==> flow/design.v <==
module sync_mux_blk #(
  parameter DWIDTH = 8
) (
  input  wire clk,
  input  wire rst_i,
  input  wire clk_en,
  input  wire [DWIDTH-1:0] bus0,
  input  wire [DWIDTH-1:0] bus1,
  input  wire [DWIDTH-1:0] bus2,
  input  wire [DWIDTH-1:0] bus3,
  input  wire [DWIDTH-1:0] bus4,
  input  wire [DWIDTH-1:0] bus5,
  input  wire [DWIDTH-1:0] bus6,
  input  wire [DWIDTH-1:0] bus7,
  input  wire [DWIDTH-1:0] bus8,
  input  wire [DWIDTH-1:0] bus9,
  input  wire [DWIDTH-1:0] bus10,
  input  wire [DWIDTH-1:0] bus11,
  input  wire [DWIDTH-1:0] bus12,
  input  wire [DWIDTH-1:0] bus13,
  input  wire [DWIDTH-1:0] bus14,
  input  wire [DWIDTH-1:0] bus15,
  input  wire [3:0] sel,
  output reg [DWIDTH-1:0] out
);
  reg [DWIDTH-1:0] r_bus0;
  reg [DWIDTH-1:0] r_bus1;
  reg [DWIDTH-1:0] r_bus2;
  reg [DWIDTH-1:0] r_bus3;
  reg [DWIDTH-1:0] r_bus4;
  reg [DWIDTH-1:0] r_bus5;
  reg [DWIDTH-1:0] r_bus6;
  reg [DWIDTH-1:0] r_bus7;
  reg [DWIDTH-1:0] r_bus8;
  reg [DWIDTH-1:0] r_bus9;
  reg [DWIDTH-1:0] r_bus10;
  reg [DWIDTH-1:0] r_bus11;
  reg [DWIDTH-1:0] r_bus12;
  reg [DWIDTH-1:0] r_bus13;
  reg [DWIDTH-1:0] r_bus14;
  reg [DWIDTH-1:0] r_bus15;
  reg [3:0] r_sel;
  always @(posedge clk) begin
    if (rst_i) begin
      r_bus0 <= 0;
      r_bus1 <= 0;
      r_bus2 <= 0;
      r_bus3 <= 0;
      r_bus4 <= 0;
      r_bus5 <= 0;
      r_bus6 <= 0;
      r_bus7 <= 0;
      r_bus8 <= 0;
      r_bus9 <= 0;
      r_bus10 <= 0;
      r_bus11 <= 0;
      r_bus12 <= 0;
      r_bus13 <= 0;
      r_bus14 <= 0;
      r_bus15 <= 0;
      r_sel <= 0;
    end else if (clk_en) begin
      r_bus0 <= bus0;
      r_bus1 <= bus1;
      r_bus2 <= bus2;
      r_bus3 <= bus3;
      r_bus4 <= bus4;
      r_bus5 <= bus5;
      r_bus6 <= bus6;
      r_bus7 <= bus7;
      r_bus8 <= bus8;
      r_bus9 <= bus9;
      r_bus10 <= bus10;
      r_bus11 <= bus11;
      r_bus12 <= bus12;
      r_bus13 <= bus13;
      r_bus14 <= bus14;
      r_bus15 <= bus15;
      r_sel <= sel;
    end
  end
  reg [DWIDTH-1:0] r;
  always @* begin
    case (r_sel)
      4'b0000: r = r_bus0;
      4'b0001: r = r_bus1;
      4'b0010: r = r_bus2;
      4'b0011: r = r_bus3;
      4'b0100: r = r_bus4;
      4'b0101: r = r_bus5;
      4'b0110: r = r_bus6;
      4'b0111: r = r_bus7;
      4'b1000: r = r_bus8;
      4'b1001: r = r_bus9;
      4'b1010: r = r_bus10;
      4'b1011: r = r_bus11;
      4'b1100: r = r_bus12;
      4'b1101: r = r_bus13;
      4'b1110: r = r_bus14;
      default: r = r_bus15;
    endcase
  end
  always @(posedge clk) begin
    if (rst_i) begin
      out <= 0;
    end else if (clk_en) begin
      out <= r;
    end
  end
endmodule
Step by step through the tools: sync_mux_blk
What the tools print for sync_mux_blk, step after step.
Lines are those of the file above, counted from 1.
Library cell names are shortened.
{"block": "design", "design": "sync_mux_blk", "clock_port": "clk", "library": "sky130hd", "pvt_corner": "tt_025C_1v80"}

Elaborated design
Counts by Yosys on the flattened word-level netlist (proc, flatten, opt, wreduce; memories kept). Register bits leave out memories and registers merged into their read ports (data or address); mux counts leave out enables and synchronous resets folded into registers. Print and check cells are left out. Cells with the same type and inputs are merged into one.
{"block": "word_totals", "reg_bits": 140}
{"block": "classes", "n_mux": 1, "equal": 14, "n_reduce_logical": 1}
{"block": "ops", "op": "case mux 8 bit (select 15 bit)", "n": 1}
{"block": "ops", "op": "equality test 4 bit with constant B", "n": 7}
{"block": "ops", "op": "equality test 4 x 3 -> 1 bit with constant B", "n": 4}
{"block": "ops", "op": "equality test 4 x 2 -> 1 bit with constant B", "n": 2}
{"block": "ops", "op": "equality test 4 x 1 -> 1 bit with constant B", "n": 1}
{"block": "ops", "op": "logical NOT 4 bit", "n": 1}

Logic depth
Yosys ltp: most cells in a row. Word level: on the elaborated netlist, between registers, memories and ports. Mapped: between sequential cells and ports; inverters and the memories' decode and read muxes count.
{"block": "depth", "depth_word": 2, "ABC_AREA": 0, "depth_mapped": 7, "depth_no_buf": 5}

Mapped cells and area
Yosys stat after the flow's synthesis: flattened, memories mapped to cells. It holds for the ABC_AREA given above (unset counts as 0); a run with the other value may have another netlist.
The area totals of this step are shown rounded.
{"block": "mapped", "sequential_area_um2": 2803, "synth_area_um2": 6178, "ff_cells": 140, "buf_cells": 51, "cells": 637}
{"block": "by_type", "cell_type": "dfxtp_1", "n": 140, "area_total_um2": 2.8E+03}
{"block": "by_type", "cell_type": "mux2i_1", "n": 151, "area_total_um2": 1511.45}
{"block": "by_type", "cell_type": "nor2_1", "n": 148, "area_total_um2": 555.533}
{"block": "by_type", "cell_type": "buf_2", "n": 21, "area_total_um2": 105.101}
{"block": "by_type", "cell_type": "nand2_1", "n": 26, "area_total_um2": 97.594}
{"block": "by_type", "cell_type": "a22oi_1", "n": 10, "area_total_um2": 75.072}
{"block": "by_type", "cell_type": "clkbuf_1", "n": 18, "area_total_um2": 67.565}
{"block": "by_type", "cell_type": "a2111oi_2", "n": 4, "area_total_um2": 60.058}
{"block": "by_type", "cell_type": "a21oi_1", "n": 11, "area_total_um2": 55.053}
{"block": "by_type", "cell_type": "o21ai_0", "n": 11, "area_total_um2": 55.053}
{"block": "by_type", "cell_type": "buf_4", "n": 6, "area_total_um2": 45.043}
{"block": "by_type", "cell_type": "buf_6", "n": 4, "area_total_um2": 45.043}
{"block": "by_type", "cell_type": "a22o_1", "n": 5, "area_total_um2": 43.792}
{"block": "by_type", "cell_type": "o21ai_1", "n": 8, "area_total_um2": 40.038}
{"block": "by_type", "cell_type": "nor2b_1", "n": 6, "area_total_um2": 37.536}
{"block": "by_type", "cell_type": "o211ai_1", "n": 5, "area_total_um2": 37.536}
{"block": "by_type", "cell_type": "a221oi_1", "n": 4, "area_total_um2": 35.034}
{"block": "by_type", "cell_type": "nand3_1", "n": 7, "area_total_um2": 35.034}
Other cell types: 33; their cells: 52.

Timing after synthesis
Path of least setup slack by OpenSTA after synthesis, without wires, with an ideal clock, recovery checks aside; 20% of the period is set as input and as output delay. Where synthesis merged equal registers, the netlist keeps one of their names.
{"block": "synth_path", "path_type": "register to register", "start": "register r_sel[1]", "end": "register out[7]", "delay_ns": 1.529, "required_ns": 1.776, "setup_ns": 0.134, "arrival_ns": 1.395, "path_slack_ns": 0.381, "clock_period_ns": 1.91, "stages": 7, "period_less_setup_slack_ns": 1.529}
"delay_ns" = arrival - input delay + setup time.
"stages" counts driving pins, that of a launching flip-flop among them; a cell with two outputs on the path counts twice.
"period_less_setup_slack_ns" = period - worst setup slack (recovery checks aside). The figure is calculated, with input and output delays left at 20% of the set period.
The rows between start and end are the longest chain of elaborated cells between them; the timing report does not say that the signal goes this way. Where chains are equally long, one stands for them.
Each line given opens the expression or statement behind the cell; cells for indexed reads and writes are added by Yosys, which also makes memories of some case tables.
{"block": "synth_via", "cell_sequence": "dfxtp_1 > buf_6 > mux2i_1 > mux2i_1 > a2111oi_4 > o221ai_2 > nor4b_4", "elab_chain_cells": 2, "cone_cells": 16, "cone_lines": 1, "classes_between": "eq/ne: 14; mux: 1; reduce/logical: 1"}
{"block": "synth_lines", "item": "from (decl)", "line_no": 42, "source": "reg [3:0] r_sel;"}
{"block": "synth_lines", "item": "from (assign)", "line_no": 61, "source": "r_sel <= 0;"}
{"block": "synth_lines", "item": "from (assign)", "line_no": 79, "source": "r_sel <= sel;"}
{"block": "synth_lines", "item": "equality test 4 bit", "line_no": 84, "source": "case (r_sel)"}
{"block": "synth_lines", "item": "case mux 8 bit (select 15 bit)", "line_no": 84}
{"block": "synth_lines", "item": "to (assign)", "line_no": 105, "source": "out <= 0;"}
{"block": "synth_lines", "item": "to (assign)", "line_no": 107, "source": "out <= r;"}
{"block": "synth_lines", "item": "to (decl)", "line_no": 24, "source": "output reg [DWIDTH-1:0] out"}

Path in the finished layout
From the final timing report of stored run 1: the path of least setup slack in the routed layout; clock arrival at registers is part of the times.
{"block": "layout_path", "path_type": "register to register", "start": "register r_sel[1]", "end": "register out[3]", "arrival_ns": 2.10, "stages": 7, "path_slack_ns": 0.12, "clock_period_ns": 1.91, "setup_ns": 0.11, "required_ns": 2.22}
The rows between start and end are the longest chain of elaborated cells between them; the timing report does not say that the signal goes this way. Where chains are equally long, one stands for them.
{"block": "layout_via", "cell_sequence": "dfxtp_2 > nor2b_1 > buf_4 > a22oi_1 > o21ai_0 > a2111oi_2 > o21ai_1", "elab_chain_cells": 2, "cone_cells": 16, "cone_lines": 1, "classes_between": "eq/ne: 14; mux: 1; reduce/logical: 1"}
{"block": "layout_lines", "item": "from (decl)", "line_no": 42, "source": "reg [3:0] r_sel;"}
{"block": "layout_lines", "item": "from (assign)", "line_no": 61, "source": "r_sel <= 0;"}
{"block": "layout_lines", "item": "from (assign)", "line_no": 79, "source": "r_sel <= sel;"}
{"block": "layout_lines", "item": "equality test 4 bit", "line_no": 84, "source": "case (r_sel)"}
{"block": "layout_lines", "item": "case mux 8 bit (select 15 bit)", "line_no": 84}
{"block": "layout_lines", "item": "to (assign)", "line_no": 105, "source": "out <= 0;"}
{"block": "layout_lines", "item": "to (assign)", "line_no": 107, "source": "out <= r;"}
{"block": "layout_lines", "item": "to (decl)", "line_no": 24, "source": "output reg [DWIDTH-1:0] out"}

Stored flow runs of sync_mux_blk (2 of them; Yosys, OpenROAD, sky130hd). They differ in their settings and are not a sequence. Constraints: input delay and output delay 20% of the set period each, output load 0.01 pF.
"timing.achieved_period_ns" means the clock period less the worst setup slack. The figure is calculated, with input and output delays left at 20% of the set period.
"critical_path_time_ns" is the time allowed to the run's worst setup path (the clock period less input and output delay, where it has them) less its slack. Clock arrival times count: a late capture clock shortens it, a late launch clock lengthens it.
By "totalPower_w" is meant OpenSTA's value without simulated activity: inputs other than the clock are taken to toggle once in ten clock periods, and the tool carries that through the logic.
The results are shown rounded.

Stored run 1
==> flow/run.sh <==
#!/bin/bash
# the make line also repeats the synthesis and layout settings of config.mk as NAME=value (left out here)
make -C /OpenROAD-flow-scripts/flow DESIGN_CONFIG=/design/flow/config.mk WORK_HOME=/design/flow/orfs CLKGATE_MAP_FILE= finish
==> flow/config.mk <==
export PLATFORM = sky130hd
export DESIGN_NAME = sync_mux_blk
export DESIGN_NICKNAME = sync_mux_blk
export VERILOG_FILES = /design/flow/design.v
export SDC_FILE = /design/flow/constraint.sdc
export NUM_CORES = 4
export LEC_CHECK = 0
export CAP_MARGIN = 20
export CORE_MARGIN = 2
export CORE_UTILIZATION = 40
export SLEW_MARGIN = 20
==> flow/constraint.sdc <==
create_clock -name core_clock -period 1.91 [get_ports {clk}]
set_input_delay 0.3820 -clock core_clock [delete_from_list [all_inputs] [get_ports {clk}]]
set_output_delay 0.3820 -clock core_clock [all_outputs]
set_load 0.01 [all_outputs]

==> results of stored run 1, as JSON <==
{
  "stdcell_area_um2": 8494,
  "timing.setup.tns_ns": 0.000,
  "design.die.area_um2": 16460,
  "critical_path_time_ns": 1.79,
  "critical_path_type": "register to register",
  "timing.achieved_period_ns": 1.787,
  "hold_worst_slack_ns": 0.339,
  "yosys_chip_area_um2": 6178,
  "setup_worst_slack_ns": 0.123,
  "final_util_pct": 56.1,
  "totalPower_w": 0.007647
}

Stored run 2
==> flow/run.sh <==
#!/bin/bash
# the make line also repeats the synthesis and layout settings of config.mk as NAME=value (left out here)
make -C /OpenROAD-flow-scripts/flow DESIGN_CONFIG=/design/flow/config.mk WORK_HOME=/design/flow/orfs CLKGATE_MAP_FILE= finish
==> flow/config.mk <==
export PLATFORM = sky130hd
export DESIGN_NAME = sync_mux_blk
export DESIGN_NICKNAME = sync_mux_blk
export VERILOG_FILES = /design/flow/design.v
export SDC_FILE = /design/flow/constraint.sdc
export NUM_CORES = 4
export LEC_CHECK = 0
export ABC_AREA = 1
export CAP_MARGIN = 20
export CELL_PAD_IN_SITES_GLOBAL_PLACEMENT = 1
export CORE_MARGIN = 2
export CORE_UTILIZATION = 22
export CTS_CLUSTER_DIAMETER = 366
export GPL_TIMING_DRIVEN = 0
export PLACE_DENSITY_LB_ADDON = 0.25
export SETUP_SLACK_MARGIN = -0.06
export SLEW_MARGIN = 20
export TNS_END_PERCENT = 30
==> flow/constraint.sdc <==
create_clock -name core_clock -period 1.17 [get_ports {clk}]
set_input_delay 0.2340 -clock core_clock [delete_from_list [all_inputs] [get_ports {clk}]]
set_output_delay 0.2340 -clock core_clock [all_outputs]
set_load 0.01 [all_outputs]

==> results of stored run 2, as JSON <==
{
  "yosys_chip_area_um2": 6022,
  "setup_worst_slack_ns": -0.360,
  "totalPower_w": 0.01238,
  "hold_worst_slack_ns": 0.358,
  "design.die.area_um2": 28710,
  "stdcell_area_um2": 9007,
  "final_util_pct": 33.4,
  "timing.setup.tns_ns": -2.554,
  "timing.achieved_period_ns": 1.530,
  "critical_path_time_ns": 1.53,
  "critical_path_type": "register to register"
}
